==> flow/design.v <==
module sync_mem_n #(
   parameter NREGS = 48,
   parameter W = 24,
   parameter IDX_W = $clog2(NREGS),
   parameter NB = W / 8
) (
   input wire clk_i,
   input wire [NB-1:0] byte_en,
   input wire [IDX_W-1:0] write_addr,
   input wire [W-1:0] write_data,
   input wire [IDX_W-1:0] rd_addr,
   output wire [W-1:0] dout
);
   reg [W-1:0] bank [0:NREGS-1];
   integer i;
   always @(posedge clk_i) begin
      for (i = 0; i < NB; i = i + 1)
         if (byte_en[i]) bank[write_addr][8*i +: 8] <= write_data[8*i +: 8];
   end
   assign dout = bank[rd_addr];
endmodule
### From RTL to reports: sync_mem_n

Tool output for the design above, in the order of the flow.
Line numbers count from 1 in the design file above.
Operators carry their Yosys type and port widths (W data, S select, Z words).
A cell with -- has no value.

| design | value |
|---|---|
| design top | sync_mem_n |
| clock port | clk_i |
| cell library | sky130hd |
| timing corner | tt_025C_1v80 |

### Word-level counts

Counts by Yosys on the flattened word-level netlist (proc, flatten, opt, wreduce; memories kept). Register bits leave out memories and registers merged into their read ports (data or address); mux counts leave out enables and synchronous resets folded into registers. Print and check cells are left out. Cells with the same type and inputs are merged into one.
Yosys's memory passes give these memory sizes; they may raise the number of words (mostly to a power of two), join words into wider ones and drop unused or constant bits.

| storage and ports | value |
|---|---|
| word-level cells | 7 |
| input bits | 40 |
| output and inout port bits | 24 |
| memories kept | 1 |
| register bits after elaboration | 0 |
| memory bits (writable) | 1152 |

Memories:

| name | depth | bits a word | rd ports | wr ports | line | source |
|---|---|---|---|---|---|---|
| bank | 48 | 24 | 1 | 1 | 14 | `reg [W-1:0] bank [0:NREGS-1];` |

| operators by class | value |
|---|---|
| multiplexer cells | 6 |

Operator list:

| kind | number |
|---|---|
| $mux W24 | 3 |
| $mux W1 | 3 |

### Logic depth

Yosys ltp: most cells in a row. Word level: on the elaborated netlist, between registers, memories and ports. Mapped: between sequential cells and ports; inverters and the memories' decode and read muxes count.

| logic depth | value |
|---|---|
| word-level depth | 1 |
| ABC_AREA | 0 |
| mapped depth | 9 |
| gate-level depth less buffers | 5 |

### Synthesis result

The flow's flattened synthesis, as Yosys stat reports it; memories are mapped. The netlist is that of the ABC_AREA named above (0 if unset); the other value can give another one.

| synthesis totals | value |
|---|---|
| flip-flops | 1152 |
| cell count | 2327 |
| buffers | 149 |
| chip area (Yosys) | 45270.9 um2 |
| sequential area | 34593.2 um2 |

Cell types:

| cell | number | area in all (um2) |
|---|---|---|
| sky130_fd_sc_hd__edfxtp_1 | 1152 | 3.46E+04 |
| sky130_fd_sc_hd__mux2i_1 | 384 | 3.84E+03 |
| sky130_fd_sc_hd__mux4_2 | 120 | 2.7E+03 |
| sky130_fd_sc_hd__a22oi_1 | 96 | 720.691 |
| sky130_fd_sc_hd__nor2_1 | 146 | 548.026 |
| sky130_fd_sc_hd__a221oi_1 | 48 | 420.403 |
| sky130_fd_sc_hd__a22o_1 | 48 | 420.403 |
| sky130_fd_sc_hd__o41ai_2 | 24 | 390.374 |
| sky130_fd_sc_hd__clkbuf_1 | 74 | 277.766 |
| sky130_fd_sc_hd__a21oi_1 | 48 | 240.23 |
| sky130_fd_sc_hd__nand2_1 | 59 | 221.462 |
| sky130_fd_sc_hd__buf_6 | 19 | 213.955 |
| sky130_fd_sc_hd__buf_4 | 24 | 180.173 |
| sky130_fd_sc_hd__o22ai_1 | 24 | 150.144 |
| sky130_fd_sc_hd__buf_2 | 20 | 100.096 |
| sky130_fd_sc_hd__buf_1 | 12 | 45.043 |
| sky130_fd_sc_hd__and3b_1 | 4 | 35.034 |
| sky130_fd_sc_hd__or3b_2 | 3 | 26.275 |

Not listed: further types 10, cells in them 22.

### Worst setup path after synthesis

OpenSTA on the mapped netlist: ideal clock, no wires. The path of least setup slack (recovery checks aside). Input and output delay are each 20% of the period. Register names are those of the netlist, which keeps one name where synthesis merged equal registers.

| timing path post-synthesis | value |
|---|---|
| kind | input port to output port |
| start point | input port rd_addr[1] |
| end point | output port dout[10] |
| data arrival time | 2.358 ns |
| external output delay | 0.694 ns |
| slack | 0.418 ns |
| period | 3.47 ns |
| path delay | 1.664 ns |
| stages on the path | 7 |
| buffers on the path | 3 |
| time at the first pin | 0.694 ns |
| input delay | 0.694 ns |
| required time | 2.776 ns |
| synthesis period reached | 3.052 ns |

"path delay" = arrival - input delay + setup time.
A path that ends at an output port has no setup time.
"stages on the path" counts driving pins, that of a launching flip-flop among them; a cell with two outputs on the path counts twice.
"synthesis period reached" = period - worst setup slack (recovery checks aside). The figure is calculated, with input and output delays left at 20% of the set period.
Between the ends stands the longest chain of elaborated cells between them, by number of cells; it is not shown to be the way that was timed. Of several equally long chains one is given.
A line is the first line of the expression or statement that the cell stems from. Yosys adds cells for indexed reads and writes and turns some case tables into memories.
The chain passes a memory read, where the word-level depth is cut; so it can be longer than that depth.

| on the way, post-synthesis | value |
|---|---|
| path through | sky130_fd_sc_hd__buf_2 > sky130_fd_sc_hd__buf_2 > sky130_fd_sc_hd__buf_1 > sky130_fd_sc_hd__mux4_2 > sky130_fd_sc_hd__mux4_2 > sky130_fd_sc_hd__nand2_1 > sky130_fd_sc_hd__o41ai_2 |
| cells in the longest elaborated chain | 1 |
| elaborated cells on any way between the ends | 1 |
| source lines of those cells | 1 |
| classes of those cells | memory: 1 |

Ends and longest elaborated chain, post-synthesis:

| what | line | source |
|---|---|---|
| from (decl) | 11 | `input wire [IDX_W-1:0] rd_addr,` |
| $mem_v2 Z48 W24 | 14 | `reg [W-1:0] bank [0:NREGS-1];` |
| to (decl) | 12 | `output wire [W-1:0] dout` |

### Worst path after layout

From the final timing report of flow run A: the path of least setup slack in the routed layout; clock arrival at registers is part of the times.

| timing path after layout | value |
|---|---|
| kind | flip-flop to output port |
| start point | memory bank[43][8] |
| end point | output port dout[8] |
| required time | 1.46 ns |
| buffers on the path | 2 |
| stages on the path | 7 |
| slack | -1.21 ns |
| time at the first pin | 0.70 ns |
| external output delay | 0.36 ns |
| data arrival time | 2.67 ns |
| period | 1.82 ns |

Between the ends stands the longest chain of elaborated cells between them, by number of cells; it is not shown to be the way that was timed. Of several equally long chains one is given.
The chain passes a memory read, where the word-level depth is cut; so it can be longer than that depth.

| on the way, after layout | value |
|---|---|
| path through | sky130_fd_sc_hd__edfxtp_1 > sky130_fd_sc_hd__mux4_2 > sky130_fd_sc_hd__mux4_2 > sky130_fd_sc_hd__nand2_2 > sky130_fd_sc_hd__o41ai_4 > sky130_fd_sc_hd__buf_4 > sky130_fd_sc_hd__buf_6 |
| cells in the longest elaborated chain | 1 |
| elaborated cells on any way between the ends | 1 |
| source lines of those cells | 1 |
| classes of those cells | memory: 1 |

Ends and longest elaborated chain, after layout:

| what | line | source |
|---|---|---|
| from (decl) | 14 | `reg [W-1:0] bank [0:NREGS-1];` |
| $mem_v2 Z48 W24 | 14 |  |
| to (decl) | 12 | `output wire [W-1:0] dout` |

Stored flow runs of sync_mem_n (3 of them; Yosys, OpenROAD, sky130hd). They differ in their settings and are not a sequence. Constraints: input delay and output delay 20% of the set period each, output load 0.01 pF.
By "achieved clock period" is meant the clock period of the run minus its worst setup slack. This is arithmetic on one report: input and output delays are still those of the set period (20% each).
"worst path time" is the time allowed to the run's worst setup path (the clock period less input and output delay, where it has them) less its slack. Clock arrival times count: a late capture clock shortens it, a late launch clock lengthens it.
"power" is the tool's figure for a default switching activity; nothing was simulated.
Settings: - = not set for that run.

| item | flow run A | flow run B | flow run C |
|---|---|---|---|
| period_ns | 1.82 | 3.87 | 3.47 |
| CORE_UTILIZATION | 42 | 53 | 40 |
| SETUP_SLACK_MARGIN | 0.53 | 0.77 | - |
| PLACE_DENSITY | 0.49 | - | - |
| CORE_ASPECT_RATIO | 0.81 | - | - |
| CELL_PAD_IN_SITES_DETAIL_PLACEMENT | 1 | - | - |
| TNS_END_PERCENT | 10 | - | - |
| GPL_ROUTABILITY_DRIVEN | 1 | - | - |
| CTS_CLUSTER_DIAMETER | 358 | - | - |
| CAP_MARGIN | 0 | 20 | 20 |
| CORE_MARGIN | 2 | 2 | 2 |
| SLEW_MARGIN | 20 | 15 | 20 |
| PLACE_DENSITY_LB_ADDON | - | 0.19 | - |
| CELL_PAD_IN_SITES_GLOBAL_PLACEMENT | - | 1 | - |
| ABC_AREA | - | 1 | - |
| GPL_TIMING_DRIVEN | - | 1 | - |
| setup TNS (ns) | -25.997 | 0.000 | -0.361 |
| die size (um2) | 110445.0 | 91336.9 | 115886.0 |
| utilization of the finished layout (%) | 51.0 | 64.5 | 48.6 |
| worst setup slack after layout (ns) | -1.211 | 0.726 | -0.130 |
| standard-cell area after routing (um2) | 54579.8 | 56913.3 | 54546.1 |
| synthesized cell area (um2) | 45270.9 | 47136.5 | 45270.9 |
| achieved clock period (ns) | 3.031 | 3.144 | 3.600 |
| worst hold slack in the final report (ns) | 0.183 | 0.741 | 0.696 |
| power (W) | 0.05595 | 0.027131 | 0.029399 |
| worst path time (ns) | 2.67 | 1.60 | 2.21 |
| kind of the worst setup path | flip-flop to output port | input port to output port | input port to output port |
